==> flow/design.v <==
module my_selector_p #(
    parameter int DW = 2,
    parameter int NIN = 12
) (
    input  logic CLK,
    input  logic [NIN*DW-1:0] val_i,
    input  logic [NIN-1:0] pick_i,
    output logic [DW-1:0] y_o
);
    logic [NIN*DW-1:0] val_ff;
    always_ff @(posedge CLK) begin
        val_ff <= val_i;
    end
    logic [NIN-1:0] pick_ff;
    always_ff @(posedge CLK) begin
        pick_ff <= pick_i;
    end
    logic [DW-1:0] tmp;
    always_comb begin
        tmp = '0;
        for (int k = 0; k < NIN; k++)
            tmp = tmp | (val_ff[k*DW +: DW] & {DW{pick_ff[k]}});
    end
    always_ff @(posedge CLK) begin
        y_o <= tmp;
    end
endmodule
Appendix: tool output

Tool chain data of my_selector_p
Tool output for the members of one design family, told apart by "DW", in the order of the flow.
The RTL above is that of DW = 2; lines are counted from 1 in the file of the member named.
Operators: Yosys type, input widths -> output width; for muxes data width and select width s.
Library cell names are shortened.
A cell with n/a has no value.

set-up
  top = my_selector_p
  clock input = CLK
  library = sky130hd
  library corner = tt_025C_1v80

Members of the sweep
Lines of each other member's file that are new or changed against the file above; lines that a member lacks are not shown.

lines new or changed
  DW  line  RTL
  6   2     parameter int DW = 6,
  8   2     parameter int DW = 8,

Word level
Source: Yosys, flattened and elaborated, memories not mapped. Widths are those after wreduce; folded enables and synchronous resets count as part of the registers. Registers that Yosys merges into a memory's read port (data or address) are not register bits. Print and check cells do not count. Equal cells are merged and count once.

storage and ports
  DW  word-level cells  bits of input ports  bits in read-only memories  bits in writable memories  output and inout bits  bits in latches  memories  word width x clocked read ports  flip-flop bits (word level)
  2   26                37                   0                           0                          2                      0                0         0                                38
  6   26                85                   0                           0                          6                      0                0         0                                90
  8   26                109                  0                           0                          8                      0                0         0                                116

cells by class
  DW  multiply operators  $lt $le $gt $ge  reductions and logical operators  shift-type cells  multiplexer cells  add/subtract/negate cells  div/mod/pow operators  bitwise gates (word level)  equality and inequality tests
  2   0                   0                0                                 0                 0                  0                          0                      23                          0
  6   0                   0                0                                 0                 0                  0                          0                      23                          0
  8   0                   0                0                                 0                 0                  0                          0                      23                          0

operators by type and width
  DW  kind and count
  2   $and 2x2->2 (12); $or 2x2->2 (11)
  6   $and 6x6->6 (12); $or 6x6->6 (11)
  8   $and 8x8->8 (12); $or 8x8->8 (11)

Logic depth
Yosys ltp: most cells in a row. Word level: on the elaborated netlist, between registers, memories and ports. Mapped: between sequential cells and ports; inverters and the memories' decode and read muxes count.

depth
  DW  depth in word-level cells  ABC_AREA  depth in mapped cells  depth with buffers taken out
  2   12                         0         3                      3
  6   12                         0         3                      3
  8   12                         0         4                      3

Synthesis result
The flow's flattened synthesis, as Yosys stat reports it; memories are mapped. The netlist is that of the ABC_AREA named above (0 if unset); the other value can give another one.
The area totals of this step are shown rounded.

cells by type
  DW  type and count
  2   dfxtp_1 (38); a22o_1 (6); a221oi_1 (5); a221oi_2 (1); nand3_1 (2)
  6   dfxtp_1 (90); a221oi_1 (18); a22o_1 (18); nand3_1 (6)
  8   dfxtp_1 (116); a22o_1 (24); a221oi_1 (21); buf_6 (9); a221oi_2 (3); nand3_1 (8); buf_2 (2); clkbuf_1 (1)

synthesis totals
  DW  cell count  sequential part of the area (µm²)  flip-flops  buffer cells  cell area after synthesis (µm²)
  2   52          761                                38          0             882
  6   132         1,800                              90          0             2,150
  8   184         2,320                              116         12            2,920

Path before layout
Path of least setup slack by OpenSTA after synthesis, without wires, with an ideal clock, recovery checks aside; 20% of the period is set as input and as output delay. Where synthesis merged equal registers, the netlist keeps one of their names.

path after synthesis
  DW  kind     start           end         stages on the path  path delay (ns)  slack (ns)  period (ns)  period reached after synthesis (ns)
  2   reg2reg  reg val_ff[14]  reg y_o[0]  4                   0.899            0.221       1.12         0.899
  6   reg2reg  reg pick_ff[3]  reg y_o[3]  4                   0.941            0.239       1.18         0.941
  8   reg2reg  reg pick_ff[2]  reg y_o[5]  5                   1.013            0.257       1.27         1.013

"path delay" is the arrival time less input delay plus setup time.
"stages on the path": output pins that drive a net of the path, with the launching flip-flop's if there is one; two outputs of one cell count as two.
"period reached after synthesis" = period - worst setup slack (recovery checks aside). The figure is calculated, with input and output delays left at 20% of the set period.
The rows between start and end are the longest chain of elaborated cells between them; the timing report does not say that the signal goes this way. Where chains are equally long, one stands for them.
Each line given opens the expression or statement behind the cell; cells for indexed reads and writes are added by Yosys, which also makes memories of some case tables.

on the way, after synthesis, DW = 2
  cells in the longest elaborated chain = 6

RTL lines, path after synthesis, DW = 2
  what                     line  RTL
  start, declared          10    logic [NIN*DW-1:0] val_ff;
  start, assigned          12    val_ff <= val_i;
  $and 2x2->2              22    tmp = tmp | (val_ff[k*DW +: DW] & {DW{pick_ff[k]}});
  $or 2x2->2 (5 in a row)  22
  end, assigned            25    y_o <= tmp;
  end, declared            8     output logic [DW-1:0] y_o

on the way, after synthesis, DW = 8
  cells in the longest elaborated chain = 11

RTL lines, path after synthesis, DW = 8
  what                      line  RTL
  start, declared           14    logic [NIN-1:0] pick_ff;
  start, assigned           16    pick_ff <= pick_i;
  $and 8x8->8               22    tmp = tmp | (val_ff[k*DW +: DW] & {DW{pick_ff[k]}});
  $or 8x8->8 (10 in a row)  22
  end, assigned             25    y_o <= tmp;
  end, declared             8     output logic [DW-1:0] y_o

Timing after layout
From the final timing report of the run of each member: the path of least setup slack in the routed layout; clock arrival at registers is part of the times.

path post-layout
  DW  kind     start           end         buffers on the path  arrival (ns)  period (ns)  slack (ns)  stages on the path
  2   reg2reg  reg pick_ff[3]  reg y_o[1]  0                    1.20          1.12         0.13        4
  6   reg2out  reg y_o[4]      out y_o[4]  1                    0.91          1.18         0.03        2
  8   reg2out  reg y_o[7]      out y_o[7]  1                    0.99          1.27         0.03        2

Layout results
One run of the flow (Yosys, OpenROAD) for each member, with settings and measured results. Input and output delays are each 20% of the period that was set; the output load is 0.01 pF.

flow settings
  CAP_MARGIN = 20
  CORE_MARGIN = 2
  CORE_UTILIZATION = 40
  SLEW_MARGIN = 20

settings by member
  DW  period_ns
  2   1.12
  6   1.18
  8   1.27

final reports
  DW  die footprint (µm²)  standard-cell area of the final layout (µm²)  summed negative setup slack (ns)  worst slack on setup checks (ns)  netlist area reported by Yosys (µm²)  overall power (mW)
  2   2,600                1,340                                         0.000                             0.128                             882                                   2.21
  6   5,970                3,440                                         0.000                             0.032                             2,150                                 5.98
  8   7,990                4,660                                         0.000                             0.030                             2,920                                 8.68

"overall power" is the tool's figure for a default switching activity; nothing was simulated.
The measured numbers are rounded.
